==> flow/design.v <==
module u_mplex #(
  parameter int DWIDTH = 6,
  parameter int INPUTS = 64,
  parameter int SEL_WIDTH = $clog2(INPUTS)
) (
  input logic clock,
  input logic nrst,
  input logic step,
  input logic [INPUTS*DWIDTH-1:0] bus,
  input logic [SEL_WIDTH-1:0] pick,
  output logic [DWIDTH-1:0] res
);
  logic [INPUTS*DWIDTH-1:0] bus_r;
  logic [SEL_WIDTH-1:0] pick_r;
  logic [DWIDTH-1:0] res_r;
  assign res = res_r;
  always_ff @(posedge clock or negedge nrst) begin
    if (~nrst) begin
      bus_r <= '0;
      pick_r <= '0;
      res_r <= '0;
    end else if (step) begin
      bus_r <= bus;
      pick_r <= pick;
      res_r <= bus_r[pick_r*DWIDTH +: DWIDTH];
    end
  end
endmodule
---- Tool chain data of u_mplex ----
The steps from the RTL of u_mplex to its reports follow in flow order.
Line numbers count from 1 in the design file above.
The mark n/a stands for no value.
set-up
  top module .............................. u_mplex
  clock ................................... clock
  cell library ............................ sky130hd
  timing corner ........................... tt_025C_1v80

---- Word level ----
Counts by Yosys on the flattened word-level netlist (proc, flatten, opt, wreduce; memories kept). Register bits leave out memories and registers merged into their read ports (data or address); mux counts leave out enables and synchronous resets folded into registers. Print and check cells are left out. Cells with the same type and inputs are merged into one.
cells by class
  shift-type cells ........................ 1
  $mul .................................... 1
operator list
  operator                                           number
  indexed select 384 x 10 -> 6 bit                   1
  multiplier 6 x 2 -> 8 bit (second input constant)  1
word-level totals
  output and inout port bits .............. 6
  word-level cells ........................ 5
  register bits after elaboration ......... 396

---- Depth ----
Longest topological path by Yosys (ltp), each cell counted once; first at word level (registers and memories cut), then after technology mapping (sequential cells cut; the memories' decode and read muxes count).
depth
  depth in word-level cells ............... 2
  ABC_AREA ................................ 0
  mapped depth ............................ 9
  depth with buffers taken out ............ 5

---- After synthesis ----
Yosys stat after the flow's synthesis: flattened, memories mapped to cells. It holds for the ABC_AREA given above (unset counts as 0); a run with the other value may have another netlist.
mapped netlist
  synthesis area .......................... 17703.2 um^2
  buffer cells ............................ 76
  sequential area ......................... 9909.5 um^2
  standard cells after synthesis .......... 1069
  flip-flops .............................. 396
cells by type
  cell type                  number  total area (um^2)
  sky130_fd_sc_hd__dfrtp_1   396     9.91E+03
  sky130_fd_sc_hd__mux2_2    413     4650.71
  sky130_fd_sc_hd__mux4_2    90      2.03E+03
  sky130_fd_sc_hd__mux2i_1   30      300.288
  sky130_fd_sc_hd__clkbuf_1  43      161.405
  sky130_fd_sc_hd__o221ai_1  12      105.101
  sky130_fd_sc_hd__a221oi_2  6       90.086
  sky130_fd_sc_hd__a22oi_1   12      90.086
  sky130_fd_sc_hd__buf_4     9       67.565
  sky130_fd_sc_hd__buf_2     11      55.053
  sky130_fd_sc_hd__buf_1     10      37.536
  sky130_fd_sc_hd__o22ai_1   6       37.536
  sky130_fd_sc_hd__buf_6     3       33.782
  sky130_fd_sc_hd__nand3_1   6       30.029
  sky130_fd_sc_hd__nor2_1    7       26.275
  sky130_fd_sc_hd__inv_1     6       22.522
  sky130_fd_sc_hd__nand2b_1  3       18.768
  sky130_fd_sc_hd__and2_1    2       12.512
Not listed: further types 3, cells in them 4.

---- Timing after synthesis ----
Path of least setup slack by OpenSTA after synthesis, without wires, with an ideal clock, recovery checks aside; 20% of the period is set as input and as output delay. Where synthesis merged equal registers, the netlist keeps one of their names.
path post-synthesis
  kind .................................... flip-flop to flip-flop
  from .................................... reg pick_r[0]
  to ...................................... reg res_r[0]
  stages .................................. 6
  clock period ............................ 2.37 ns
  setup time .............................. 0.144 ns
  required time ........................... 2.226 ns
  slack ................................... 0.477 ns
  arrival time ............................ 1.749 ns
  delay of the path ....................... 1.893 ns
  launch time at the first pin ............ 0.000 ns
  period reached after synthesis .......... 1.893 ns
"delay of the path" = arrival - input delay + setup time.
"stages" counts driving pins, that of a launching flip-flop among them; a cell with two outputs on the path counts twice.
"period reached after synthesis" is the clock period less the worst setup slack; recovery checks do not enter. This is arithmetic on one report: input and output delays are still those of the set period (20% each).
Between the ends stands the longest chain of elaborated cells between them, by number of cells; it is not shown to be the way that was timed. Of several equally long chains one is given.
A line is the first line of the expression or statement that the cell stems from. Yosys adds cells for indexed reads and writes and turns some case tables into memories.
on the way, post-synthesis
  cells stage by stage .................... sky130_fd_sc_hd__dfrtp_1 sky130_fd_sc_hd__buf_2 sky130_fd_sc_hd__mux4_2 sky130_fd_sc_hd__mux2_2 sky130_fd_sc_hd__a221oi_2 sky130_fd_sc_hd__o221ai_1
  length of the longest elaborated chain .. 2
  elaborated cells on any way between the ends .. 2
ends and longest elaborated chain, post-synthesis
  what                              RTL line  text
  from (decl)                       14        logic [SEL_WIDTH-1:0] pick_r;
  from (assign)                     20        pick_r <= '0;
  from (assign)                     24        pick_r <= pick;
  multiplier 6 x 2 -> 8 bit         25        res_r <= bus_r[pick_r*DWIDTH +: DWIDTH];
  indexed select 384 x 10 -> 6 bit  25
  to (assign)                       21        res_r <= '0;
  to (assign)                       25
  to (decl)                         15        logic [DWIDTH-1:0] res_r;

---- Worst path after layout ----
From the final timing report of entry B: the path of least setup slack in the routed layout; clock arrival at registers is part of the times.
path after layout
  kind .................................... flip-flop to flip-flop
  from .................................... reg pick_r[0]
  to ...................................... reg res_r[2]
  arrival time ............................ 2.63 ns
  launch time at the first pin ............ 0.58 ns
  stages .................................. 7
  slack ................................... -0.86 ns
  required time ........................... 1.78 ns
  clock period ............................ 1.33 ns
  setup time .............................. 0.13 ns
Between the ends stands the longest chain of elaborated cells between them, by number of cells; it is not shown to be the way that was timed. Of several equally long chains one is given.
on the way, after layout
  cells stage by stage .................... sky130_fd_sc_hd__dfrtp_4 sky130_fd_sc_hd__buf_12 sky130_fd_sc_hd__buf_16 sky130_fd_sc_hd__mux4_2 sky130_fd_sc_hd__mux2_2 sky130_fd_sc_hd__a221oi_4 sky130_fd_sc_hd__o221ai_2
  length of the longest elaborated chain .. 2
  elaborated cells on any way between the ends .. 2
ends and longest elaborated chain, after layout
  what                              RTL line  text
  from (decl)                       14        logic [SEL_WIDTH-1:0] pick_r;
  from (assign)                     20        pick_r <= '0;
  from (assign)                     24        pick_r <= pick;
  multiplier 6 x 2 -> 8 bit         25        res_r <= bus_r[pick_r*DWIDTH +: DWIDTH];
  indexed select 384 x 10 -> 6 bit  25
  to (assign)                       21        res_r <= '0;
  to (assign)                       25
  to (decl)                         15        logic [DWIDTH-1:0] res_r;

==> results <==
Below are 3 stored runs of the flow (Yosys, OpenROAD; platform sky130hd) on u_mplex, each with its settings and what was measured, unordered. Constraints: input delay and output delay 20% of the set period each, output load 0.01 pF.
"achieved clock period (ns)" means the clock period less the worst setup slack. The figure is calculated, with input and output delays left at 20% of the set period.
"worst setup path time (ns)" is the time allowed to the run's worst setup path (the clock period less input and output delay, where it has them) less its slack. Clock arrival times count: a late capture clock shortens it, a late launch clock lengthens it.
"finish__power__total": no workload was simulated; the value follows from the tool's default switching activity.

Flow files of entry A
==> flow/run.sh <==
#!/bin/bash
# the make line also repeats the synthesis and layout settings of config.mk as NAME=value (left out here)
make -C /OpenROAD-flow-scripts/flow DESIGN_CONFIG=/design/flow/config.mk WORK_HOME=/design/flow/orfs CLKGATE_MAP_FILE= finish
==> flow/config.mk <==
export PLATFORM = sky130hd
export DESIGN_NAME = u_mplex
export DESIGN_NICKNAME = u_mplex
export VERILOG_FILES = /design/flow/design.v
export SDC_FILE = /design/flow/constraint.sdc
export NUM_CORES = 4
export LEC_CHECK = 0
export ABC_AREA = 0
export CAP_MARGIN = 35
export CELL_PAD_IN_SITES_DETAIL_PLACEMENT = 1
export CELL_PAD_IN_SITES_GLOBAL_PLACEMENT = 3
export CORE_MARGIN = 4
export CORE_UTILIZATION = 49
export CTS_CLUSTER_SIZE = 78
export GPL_TIMING_DRIVEN = 1
export PLACE_DENSITY_LB_ADDON = 0.25
export SLEW_MARGIN = 15
export TNS_END_PERCENT = 65
==> flow/constraint.sdc <==
create_clock -name core_clock -period 2.29 [get_ports {clock}]
set_input_delay 0.4580 -clock core_clock [delete_from_list [all_inputs] [get_ports {clock}]]
set_output_delay 0.4580 -clock core_clock [all_outputs]
set_load 0.01 [all_outputs]

report of entry A: did not finish, place, FLW-0024

Flow files of entry B
==> flow/run.sh <==
#!/bin/bash
# the make line also repeats the synthesis and layout settings of config.mk as NAME=value (left out here)
make -C /OpenROAD-flow-scripts/flow DESIGN_CONFIG=/design/flow/config.mk WORK_HOME=/design/flow/orfs CLKGATE_MAP_FILE= finish
==> flow/config.mk <==
export PLATFORM = sky130hd
export DESIGN_NAME = u_mplex
export DESIGN_NICKNAME = u_mplex
export VERILOG_FILES = /design/flow/design.v
export SDC_FILE = /design/flow/constraint.sdc
export NUM_CORES = 4
export LEC_CHECK = 0
export CAP_MARGIN = 20
export CORE_MARGIN = 2
export CORE_UTILIZATION = 32
export CTS_CLUSTER_SIZE = 38
export GPL_ROUTABILITY_DRIVEN = 1
export PLACE_DENSITY_LB_ADDON = 0.19
export SETUP_SLACK_MARGIN = 0.01
export SLEW_MARGIN = 20
export TNS_END_PERCENT = 70
==> flow/constraint.sdc <==
create_clock -name core_clock -period 1.33 [get_ports {clock}]
set_input_delay 0.2660 -clock core_clock [delete_from_list [all_inputs] [get_ports {clock}]]
set_output_delay 0.2660 -clock core_clock [all_outputs]
set_load 0.01 [all_outputs]

report of entry B
yosys chip area after synthesis (um^2): 17703.2
finish__design__die__area: 57219.0
finish__design__instance__area__stdcell: 25883.6
finish__design__instance__utilization: 0.4717
finish__timing__setup__ws: -0.856
finish__timing__setup__tns: -5.773
finish__timing__hold__ws: 0.111
finish__power__total: 3.367e-02
achieved clock period (ns): 2.186
worst setup path time (ns): 2.19
worst setup path kind: flip-flop to flip-flop

Flow files of entry C
==> flow/run.sh <==
#!/bin/bash
# the make line also repeats the synthesis and layout settings of config.mk as NAME=value (left out here)
make -C /OpenROAD-flow-scripts/flow DESIGN_CONFIG=/design/flow/config.mk WORK_HOME=/design/flow/orfs CLKGATE_MAP_FILE= finish
==> flow/config.mk <==
export PLATFORM = sky130hd
export DESIGN_NAME = u_mplex
export DESIGN_NICKNAME = u_mplex
export VERILOG_FILES = /design/flow/design.v
export SDC_FILE = /design/flow/constraint.sdc
export NUM_CORES = 4
export LEC_CHECK = 0
export CAP_MARGIN = 20
export CORE_MARGIN = 2
export CORE_UTILIZATION = 40
export SLEW_MARGIN = 20
==> flow/constraint.sdc <==
create_clock -name core_clock -period 2.37 [get_ports {clock}]
set_input_delay 0.4740 -clock core_clock [delete_from_list [all_inputs] [get_ports {clock}]]
set_output_delay 0.4740 -clock core_clock [all_outputs]
set_load 0.01 [all_outputs]

report of entry C
yosys chip area after synthesis (um^2): 17703.2
finish__design__die__area: 45956.6
finish__design__instance__area__stdcell: 24174.4
finish__design__instance__utilization: 0.5503
finish__timing__setup__ws: 0.071
finish__timing__setup__tns: 0.000
finish__timing__hold__ws: 0.373
finish__power__total: 1.810e-02
achieved clock period (ns): 2.299
worst setup path time (ns): 2.30
worst setup path kind: flip-flop to flip-flop
